==> flow/design.v <==
module switch_blk #(
    parameter int DW = 6
) (
    input  logic i_clk,
    input  logic step,
    input  logic [DW-1:0] d0,
    input  logic [DW-1:0] d1,
    input  logic [DW-1:0] d2,
    input  logic [DW-1:0] d3,
    input  logic [DW-1:0] d4,
    input  logic [DW-1:0] d5,
    input  logic [DW-1:0] d6,
    input  logic [DW-1:0] d7,
    input  logic [2:0] choose,
    output logic [DW-1:0] dout
);
    logic [DW-1:0] val;
    assign val =
        (choose == 3'd0) ? d0 :
        (choose == 3'd1) ? d1 :
        (choose == 3'd2) ? d2 :
        (choose == 3'd3) ? d3 :
        (choose == 3'd4) ? d4 :
        (choose == 3'd5) ? d5 :
        (choose == 3'd6) ? d6 :
        d7;
    logic [DW-1:0] dout_reg;
    always_ff @(posedge i_clk) begin
        if (step) begin
            dout_reg <= val;
        end
    end
    assign dout = dout_reg;
endmodule
# From RTL to reports: switch_blk
# What the tools print for switch_blk, step after step.
# Line numbers count from 1 in the design file above.
design:
  top_module: "switch_blk"
  clk_port: "i_clk"
  lib: "sky130hd"
  pvt_corner: "tt_025C_1v80"

# After elaboration
# Source: Yosys, flattened and elaborated, memories not mapped. Widths are those after wreduce; folded enables and synchronous resets count as part of the registers. Registers that Yosys merges into a memory's read port (data or address) are not register bits. Print and check cells do not count. Equal cells are merged and count once.
bits:
  inputBits: 53
  latchBits: 0
  ff_bits: 6
  memories: 0
  romBits: 0
  output_inout_bits: 6
  clocked_rd_ports_x_width: 0
  wordCells: 15
  ramBits: 0
classes:
  div_mod_pow: 0
  bitwise: 0
  muxes: 7
  n_shift: 0
  mul: 0
  addsub: 0
  compare: 0
  reduce_logical: 1
  equal: 6
ops:
  columns: ["op", "n"]
  rows:
  - ["6-bit 2-to-1 mux", 7]
  - ["3-bit equality test with constant B", 3]
  - ["3-bit by 2-bit equality test with 1-bit output with constant B", 2]
  - ["3-bit by 1-bit equality test with 1-bit output with constant B", 1]
  - ["3-bit zero test", 1]

# Depth
# Yosys ltp: most cells in a row. Word level: on the elaborated netlist, between registers, memories and ports. Mapped: between sequential cells and ports; inverters and the memories' decode and read muxes count.
depth:
  word_depth: 8
  ABC_AREA: 0
  ltp_mapped: 6
  mapped_depth_nobuf: 4

# Synthesis result
# Source: synth_stat.txt of the flow (Yosys; design flattened, memories mapped). It holds for the ABC_AREA given above (unset counts as 0); a run with the other value may have another netlist.
types:
  columns: ["cell_type", "n", "area_total_um2"]
  rows:
  - ["sky130_fd_sc_hd__mux4_1", 7, 183.926]
  - ["sky130_fd_sc_hd__edfxtp_1", 6, 180.173]
  - ["sky130_fd_sc_hd__mux2_2", 5, 56.304]
  - ["sky130_fd_sc_hd__mux2i_1", 4, 40.038]
  - ["sky130_fd_sc_hd__mux4_2", 1, 22.522]
  - ["sky130_fd_sc_hd__buf_8", 1, 15.014]
  - ["sky130_fd_sc_hd__mux2_4", 1, 15.014]
  - ["sky130_fd_sc_hd__o21a_1", 2, 15.014]
  - ["sky130_fd_sc_hd__buf_6", 1, 11.261]
  - ["sky130_fd_sc_hd__a221oi_1", 1, 8.758]
  - ["sky130_fd_sc_hd__a32oi_1", 1, 8.758]
  - ["sky130_fd_sc_hd__o32ai_1", 1, 8.758]
  - ["sky130_fd_sc_hd__a211oi_1", 1, 7.507]
  - ["sky130_fd_sc_hd__a22oi_1", 1, 7.507]
  - ["sky130_fd_sc_hd__and2b_1", 1, 7.507]
  - ["sky130_fd_sc_hd__clkbuf_1", 2, 7.507]
  - ["sky130_fd_sc_hd__o31ai_1", 1, 7.507]
  - ["sky130_fd_sc_hd__nand2b_1", 1, 6.256]
# Other cell types: 6; their cells: 6.
synth_totals:
  ff_cells: 6
  seq_area_um2: 180.2
  stdcells: 44
  buf_cells: 5
  mapped_area_um2: 639.4

# Timing after synthesis
# Source: OpenSTA report_checks on the synthesized netlist (no wires, ideal clock, input and output delay 20% of the period each), path of least setup slack; recovery checks are left aside. Register names are those of the netlist, which keeps one name where synthesis merged equal registers.
synth_path:
  kind: "input to register"
  start: "in (no name shown)"
  end: "reg dout_reg[4]"
  path_slack_ps: 312
  launch_ps: 392
  period_ps: 1960
  path_delay_ps: 1256
  setup_time_ps: 260
  required_ps: 1700
  arrival_time_ps: 1388
  path_buffers: 2
  in_delay_ps: 392
  path_stages: 4
  synth_period_reached_ps: 1648
# "path_delay_ps" = arrival - input delay + setup time.
# "path_stages" counts driving pins, that of a launching flip-flop among them; a cell with two outputs on the path counts twice.
# "synth_period_reached_ps" = period - worst setup slack (recovery checks aside). The figure is calculated, with input and output delays left at 20% of the set period.
# Between the ends stands the longest chain of elaborated cells between them, by number of cells; it is not shown to be the way that was timed. Of several equally long chains one is given.
# Each line given opens the expression or statement behind the cell; cells for indexed reads and writes are added by Yosys, which also makes memories of some case tables.
synth_via:
  path_cell_list: "sky130_fd_sc_hd__clkbuf_1 -> sky130_fd_sc_hd__buf_2 -> sky130_fd_sc_hd__mux4_2 -> sky130_fd_sc_hd__mux2_4"
  elab_chain_len: 8
  cells_between: 14
  lines_between: 7
  classes_between: "eq/ne: 6; mux: 7; reduce/logical: 1"
synth_rtl:
  columns: ["element", "line", "source"]
  rows:
  - ["from (decl)", 14, null]
  - ["3-bit equality test", 25, null]
  - ["6-bit 2-to-1 mux", 25, null]
  - ["6-bit 2-to-1 mux", 24, null]
  - ["6-bit 2-to-1 mux", 23, null]
  - ["6-bit 2-to-1 mux", 22, null]
  - ["6-bit 2-to-1 mux", 21, null]
  - ["6-bit 2-to-1 mux", 20, null]
  - ["6-bit 2-to-1 mux", 19, null]
  - ["to (assign)", 30, "dout_reg <= val;"]
  - ["to (decl)", 27, "logic [DW-1:0] dout_reg;"]

# Timing after layout
# From the final timing report of run B: the path of least setup slack in the routed layout; clock arrival at registers is part of the times.
# The path's times are printed in steps of 10 ps; the period is the one set.
layout_path:
  kind: "input to register"
  start: "in (no name shown)"
  end: "reg dout_reg[4]"
  period_ps: 1960
  launch_ps: 390
  required_ps: 1950
  in_delay_ps: 390
  path_slack_ps: 60
  setup_time_ps: 250
  arrival_time_ps: 1890
  path_buffers: 2
  path_stages: 4
# Between the ends stands the longest chain of elaborated cells between them, by number of cells; it is not shown to be the way that was timed. Of several equally long chains one is given.
layout_via:
  path_cell_list: "sky130_fd_sc_hd__clkdlybuf4s50_1 -> sky130_fd_sc_hd__buf_4 -> sky130_fd_sc_hd__mux4_1 -> sky130_fd_sc_hd__mux2_4"
  elab_chain_len: 8
  cells_between: 14
  lines_between: 7
  classes_between: "eq/ne: 6; mux: 7; reduce/logical: 1"
layout_rtl:
  columns: ["element", "line", "source"]
  rows:
  - ["from (decl)", 14, null]
  - ["3-bit equality test", 25, null]
  - ["6-bit 2-to-1 mux", 25, null]
  - ["6-bit 2-to-1 mux", 24, null]
  - ["6-bit 2-to-1 mux", 23, null]
  - ["6-bit 2-to-1 mux", 22, null]
  - ["6-bit 2-to-1 mux", 21, null]
  - ["6-bit 2-to-1 mux", 20, null]
  - ["6-bit 2-to-1 mux", 19, null]
  - ["to (assign)", 30, "dout_reg <= val;"]
  - ["to (decl)", 27, "logic [DW-1:0] dout_reg;"]

# Design switch_blk on sky130hd. What follows are 3 stored runs of the flow, each under its own settings; their order means nothing. The constraints put input and output delay at 20% of the set period each and load the outputs with 0.01 pF.
# "worst_path_time_ps": the worst setup path's part of the clock period (all of it between registers, 20% less for each end at a port) less its slack. A launch clock that arrives late makes it longer, a capture clock that arrives late makes it shorter.
# "power_total_uw" is the tool's figure for a default switching activity; nothing was simulated.
# "worst_path_time_ps" is known to 10 ps.
runs:
  - name: "run A"
    settings:
      period_ns: 0.999
      CORE_UTILIZATION: 58
      PLACE_DENSITY_LB_ADDON: 0.3
      CORE_ASPECT_RATIO: 1.81
      CORE_MARGIN: 2
      CELL_PAD_IN_SITES_DETAIL_PLACEMENT: 0
      TNS_END_PERCENT: 55
      GPL_TIMING_DRIVEN: 0
      MAX_ROUTING_LAYER: "met4"
      CAP_MARGIN: 20
      SLEW_MARGIN: 20
    outcome: "stopped before the end: floorplanning reported PDN-0185"
  - name: "run B"
    settings:
      period_ns: 1.96
      CAP_MARGIN: 20
      CORE_MARGIN: 2
      CORE_UTILIZATION: 40
      SLEW_MARGIN: 20
    results:
      worst_path_time_ps: 1510
      worst_setup_path_type: "input to register"
      finish.stdcell_area_um2: 1272.5
      ws_setup_ps: 58
      holdWs_ps: 922
      final_die_area_um2: 1934.2
      fin_tns_ps: 0
      power_total_uw: 515.4
      post_synth_area_um2: 639.4
  - name: "run C"
    settings:
      period_ns: 1.68
      CORE_UTILIZATION: 68
      SETUP_SLACK_MARGIN: 0.08
      CORE_ASPECT_RATIO: 0.54
      CELL_PAD_IN_SITES_GLOBAL_PLACEMENT: 1
      GPL_TIMING_DRIVEN: 1
      CTS_CLUSTER_SIZE: 58
      CTS_CLUSTER_DIAMETER: 130
      CAP_MARGIN: 30
      SLEW_MARGIN: 35
      MAX_ROUTING_LAYER: "met5"
      CORE_MARGIN: 2
    outcome: "stopped before the end: floorplanning reported PDN-0185"
